==> flow/design.v <==
module dp_times_n (ck, RST, clk_en, i_u, o_prod);
  parameter XLEN = 32;
  parameter SCALE = 365;
  localparam OUT_W = XLEN + $clog2(SCALE + 1);
  input ck;
  input RST;
  input clk_en;
  input [XLEN-1:0] i_u;
  output [OUT_W-1:0] o_prod;
  reg [OUT_W-1:0] prod_r;
  always @(posedge ck) begin
    if (RST) begin
      prod_r <= 0;
    end else if (clk_en) begin
      prod_r <= i_u * SCALE;
    end
  end
  assign o_prod = prod_r;
endmodule
== Step by step through the tools: dp_times_n ==
Tool output for the design above, in the order of the flow.
Line numbers count from 1 in the design file above.
The mark - stands for no value.

* Design top: dp_times_n
* Clock input: ck
* Standard-cell library: sky130hd
* Timing corner: tt_025C_1v80

== After elaboration ==
Yosys after proc, flatten, opt, wreduce and memory -nomap, before mapping. Enables and synchronous resets that opt folds into registers are not counted as muxes. Memory bits, and registers merged into a memory's read port (data or address), are not among the register bits. Print and check cells are not counted. Equal cells are merged and count once.

* Multiply operators: 1

{| class="wikitable"
|+ Operators with widths
! cell !! number
|-
| multiplier 32 x 9 -> 41 bit (second input constant) || 1
|}

* Register bits after elaboration: 41
* Input bits: 35
* Output and inout port bits: 41
* Elaborated cells: 2

== Longest topological paths ==
Depth = most cells in a row (Yosys ltp): at word level without a register or memory, in the mapped netlist without a sequential cell, where the memories' decode and read muxes count.

* Depth in word-level cells: 1
* ABC_AREA: 0
* Depth in mapped cells: 19
* Mapped depth without buffers: 17

== After synthesis ==
Source: synth_stat.txt of the flow (Yosys; design flattened, memories mapped). It holds for the ABC_AREA given above (unset counts as 0); a run with the other value may have another netlist.
Totals and module areas in this step are rounded.

* Cell count: 823
* Cell area after synthesis: 7,269 µm²
* Sequential area: 820.8 µm²
* Mapped flip-flops: 41
* Buffer cells: 25

{| class="wikitable"
|+ Cells by type
! cell !! number !! area in all (µm²)
|-
| sky130_fd_sc_hd__fa_1 || 88 || 1,761.69
|-
| sky130_fd_sc_hd__ha_1 || 108 || 1.35E+03
|-
| sky130_fd_sc_hd__dfxtp_1 || 41 || 820.787
|-
| sky130_fd_sc_hd__inv_1 || 159 || 596.822
|-
| sky130_fd_sc_hd__xor2_1 || 45 || 394.128
|-
| sky130_fd_sc_hd__a21oi_1 || 43 || 215.206
|-
| sky130_fd_sc_hd__a21o_1 || 27 || 202.694
|-
| sky130_fd_sc_hd__mux2i_1 || 19 || 190.182
|-
| sky130_fd_sc_hd__nor2_1 || 49 || 183.926
|-
| sky130_fd_sc_hd__xnor2_1 || 21 || 183.926
|-
| sky130_fd_sc_hd__nand2_1 || 43 || 161.405
|-
| sky130_fd_sc_hd__nand4_1 || 12 || 75.072
|-
| sky130_fd_sc_hd__o21ai_1 || 15 || 75.072
|-
| sky130_fd_sc_hd__o21bai_1 || 10 || 75.072
|-
| sky130_fd_sc_hd__clkbuf_1 || 18 || 67.565
|-
| sky130_fd_sc_hd__a22o_1 || 7 || 61.309
|-
| sky130_fd_sc_hd__o21a_1 || 8 || 60.058
|-
| sky130_fd_sc_hd__o21ai_0 || 11 || 55.053
|}

Other cell types: 44; their cells: 99.

== Path before layout ==
Source: OpenSTA report_checks on the synthesized netlist (no wires, ideal clock, input and output delay 20% of the period each), path of least setup slack; recovery checks are left aside. Register names are those of the netlist, which keeps one name where synthesis merged equal registers.

* Path kind: input -> register
* Start point: input i_u[14]
* End point: register prod_r[35]
* Period: 6.07 ns
* Input delay: 1.214 ns
* Setup time: 0.131 ns
* Launch time at the first pin: 1.214 ns
* Data arrival time: 4.966 ns
* Required time: 5.939 ns
* Setup slack: 0.973 ns
* Delay of the path: 3.883 ns
* Driving pins on the path: 17
* Buffers on the path: 1
* Period reached after synthesis: 5.097 ns

"delay of the path" is the arrival time less input delay plus setup time.
"driving pins on the path" counts driving pins, that of a launching flip-flop among them; a cell with two outputs on the path counts twice.
"period reached after synthesis" = period - worst setup slack (recovery checks aside). The figure is calculated, with input and output delays left at 20% of the set period.
The rows between start and end are the longest chain of elaborated cells between them; the timing report does not say that the signal goes this way. Where chains are equally long, one stands for them.
Each line given opens the expression or statement behind the cell; cells for indexed reads and writes are added by Yosys, which also makes memories of some case tables.

* Path through: sky130_fd_sc_hd__ha_1 -> sky130_fd_sc_hd__clkbuf_1 -> sky130_fd_sc_hd__xnor2_1 -> sky130_fd_sc_hd__xnor2_1 -> sky130_fd_sc_hd__fa_1 -> sky130_fd_sc_hd__inv_1 -> sky130_fd_sc_hd__fa_1 -> sky130_fd_sc_hd__inv_1 -> sky130_fd_sc_hd__ha_1 -> sky130_fd_sc_hd__a21oi_1 -> sky130_fd_sc_hd__a21oi_1 -> sky130_fd_sc_hd__o41ai_1 -> sky130_fd_sc_hd__a31oi_1 -> sky130_fd_sc_hd__a21o_1 -> sky130_fd_sc_hd__and2b_1 -> sky130_fd_sc_hd__a211oi_1 -> sky130_fd_sc_hd__nor3_1
* Length of the longest elaborated chain: 1
* Elaborated cells between the ends (all ways): 1
* RTL lines with such cells: 1
* Classes of those cells: mul (1)

{| class="wikitable"
|+ Ends and longest elaborated chain, post-synthesis
! item !! RTL line !! text
|-
| start, declared || 8 || <nowiki>input [XLEN-1:0] i_u;</nowiki>
|-
| multiplier 32 x 9 -> 41 bit || 15 || <nowiki>prod_r <= i_u * SCALE;</nowiki>
|-
| end, assigned || 13 || <nowiki>prod_r <= 0;</nowiki>
|-
| end, assigned || 15 ||
|-
| end, declared || 10 || <nowiki>reg [OUT_W-1:0] prod_r;</nowiki>
|}

== Worst path after layout ==
Path of least setup slack in the final report of entry A (OpenROAD, finished layout, wires in). Where an end is a register, its clock arrival counts in the times.

* Path kind: input -> register
* Start point: input i_u[13]
* End point: register prod_r[35]
* Period: 6.07 ns
* Input delay: 1.21 ns
* Setup time: 0.12 ns
* Launch time at the first pin: 1.21 ns
* Data arrival time: 5.91 ns
* Required time: 6.23 ns
* Setup slack: 0.32 ns
* Driving pins on the path: 18
* Buffers on the path: 1

The rows between start and end are the longest chain of elaborated cells between them; the timing report does not say that the signal goes this way. Where chains are equally long, one stands for them.

* Path through: sky130_fd_sc_hd__clkdlybuf4s50_1 -> sky130_fd_sc_hd__ha_1 -> sky130_fd_sc_hd__inv_1 -> sky130_fd_sc_hd__fa_1 -> sky130_fd_sc_hd__inv_1 -> sky130_fd_sc_hd__fa_1 -> sky130_fd_sc_hd__inv_1 -> sky130_fd_sc_hd__fa_1 -> sky130_fd_sc_hd__inv_1 -> sky130_fd_sc_hd__ha_1 -> sky130_fd_sc_hd__a21oi_1 -> sky130_fd_sc_hd__a21oi_1 -> sky130_fd_sc_hd__o41ai_1 -> sky130_fd_sc_hd__a31oi_1 -> sky130_fd_sc_hd__a21o_1 -> sky130_fd_sc_hd__and2b_1 -> sky130_fd_sc_hd__a211oi_1 -> sky130_fd_sc_hd__nor3_1
* Length of the longest elaborated chain: 1
* Elaborated cells between the ends (all ways): 1
* RTL lines with such cells: 1
* Classes of those cells: mul (1)

{| class="wikitable"
|+ Ends and longest elaborated chain, after layout
! item !! RTL line !! text
|-
| start, declared || 8 || <nowiki>input [XLEN-1:0] i_u;</nowiki>
|-
| multiplier 32 x 9 -> 41 bit || 15 || <nowiki>prod_r <= i_u * SCALE;</nowiki>
|-
| end, assigned || 13 || <nowiki>prod_r <= 0;</nowiki>
|-
| end, assigned || 15 ||
|-
| end, declared || 10 || <nowiki>reg [OUT_W-1:0] prod_r;</nowiki>
|}

==> runs of dp_times_n <==
Record of 3 stored runs of the RTL-to-layout flow on dp_times_n, platform sky130hd. The runs are unordered. Constraints: input delay and output delay 20% of the set period each, output load 0.01 pF.
By "reached clock period" is meant the clock period of the run minus its worst setup slack. This is arithmetic on one report: input and output delays are still those of the set period (20% each).
"critical setup path time" means the part of the period allowed to the worst setup path (the constraints hold back 20% at inputs and 20% at outputs) less its slack; where the path has registers, the arrival times of their clocks count too.
"power" is the tool's figure for a default switching activity; nothing was simulated.
Values from the reports are rounded here.

=== Entry A ===
{| class="wikitable"
! Setting !! Value
|-
| period_ns || 6.07
|-
| CAP_MARGIN || 20
|-
| CORE_MARGIN || 2
|-
| CORE_UTILIZATION || 40
|-
| SLEW_MARGIN || 20
|-
! Result !! Value
|-
| Utilization of the finished layout || 47.3%
|-
| Power || 4,570 uW
|-
| Worst setup slack after layout || 0.317 ns
|-
| Critical setup path time || 4.54 ns
|-
| Kind of the worst setup path || input -> register
|-
| Standard-cell area of the final layout || 8,469 µm²
|-
| Die outline area || 19,270 µm²
|-
| Final worst hold slack || 0.453 ns
|-
| Total negative slack on setup checks || 0.000 ns
|-
| Reached clock period || 5.753 ns
|-
| Netlist area reported by Yosys || 7,269 µm²
|}

=== Entry B ===
{| class="wikitable"
! Setting !! Value
|-
| period_ns || 5.7
|-
| CORE_UTILIZATION || 27
|-
| PLACE_DENSITY_LB_ADDON || 0.25
|-
| CORE_ASPECT_RATIO || 0.61
|-
| CELL_PAD_IN_SITES_DETAIL_PLACEMENT || 0
|-
| GPL_ROUTABILITY_DRIVEN || 0
|-
| CAP_MARGIN || 20
|-
| CORE_MARGIN || 2
|-
| SLEW_MARGIN || 20
|-
! Result !! Value
|-
| Utilization of the finished layout || 36.4%
|-
| Power || 6,054 uW
|-
| Worst setup slack after layout || 0.149 ns
|-
| Critical setup path time || 4.41 ns
|-
| Kind of the worst setup path || input -> register
|-
| Standard-cell area of the final layout || 9,555 µm²
|-
| Die outline area || 28,290 µm²
|-
| Final worst hold slack || 0.457 ns
|-
| Total negative slack on setup checks || 0.000 ns
|-
| Reached clock period || 5.551 ns
|-
| Netlist area reported by Yosys || 7,269 µm²
|}

=== Entry C ===
{| class="wikitable"
! Setting !! Value
|-
| period_ns || 8.25
|-
| CORE_UTILIZATION || 66
|-
| PLACE_DENSITY_LB_ADDON || 0.29
|-
| CELL_PAD_IN_SITES_GLOBAL_PLACEMENT || 3
|-
| SLEW_MARGIN || 20
|-
| MIN_ROUTING_LAYER || met1
|-
| CAP_MARGIN || 20
|-
| CORE_MARGIN || 2
|}
No results, placement failed with FLW-0024.
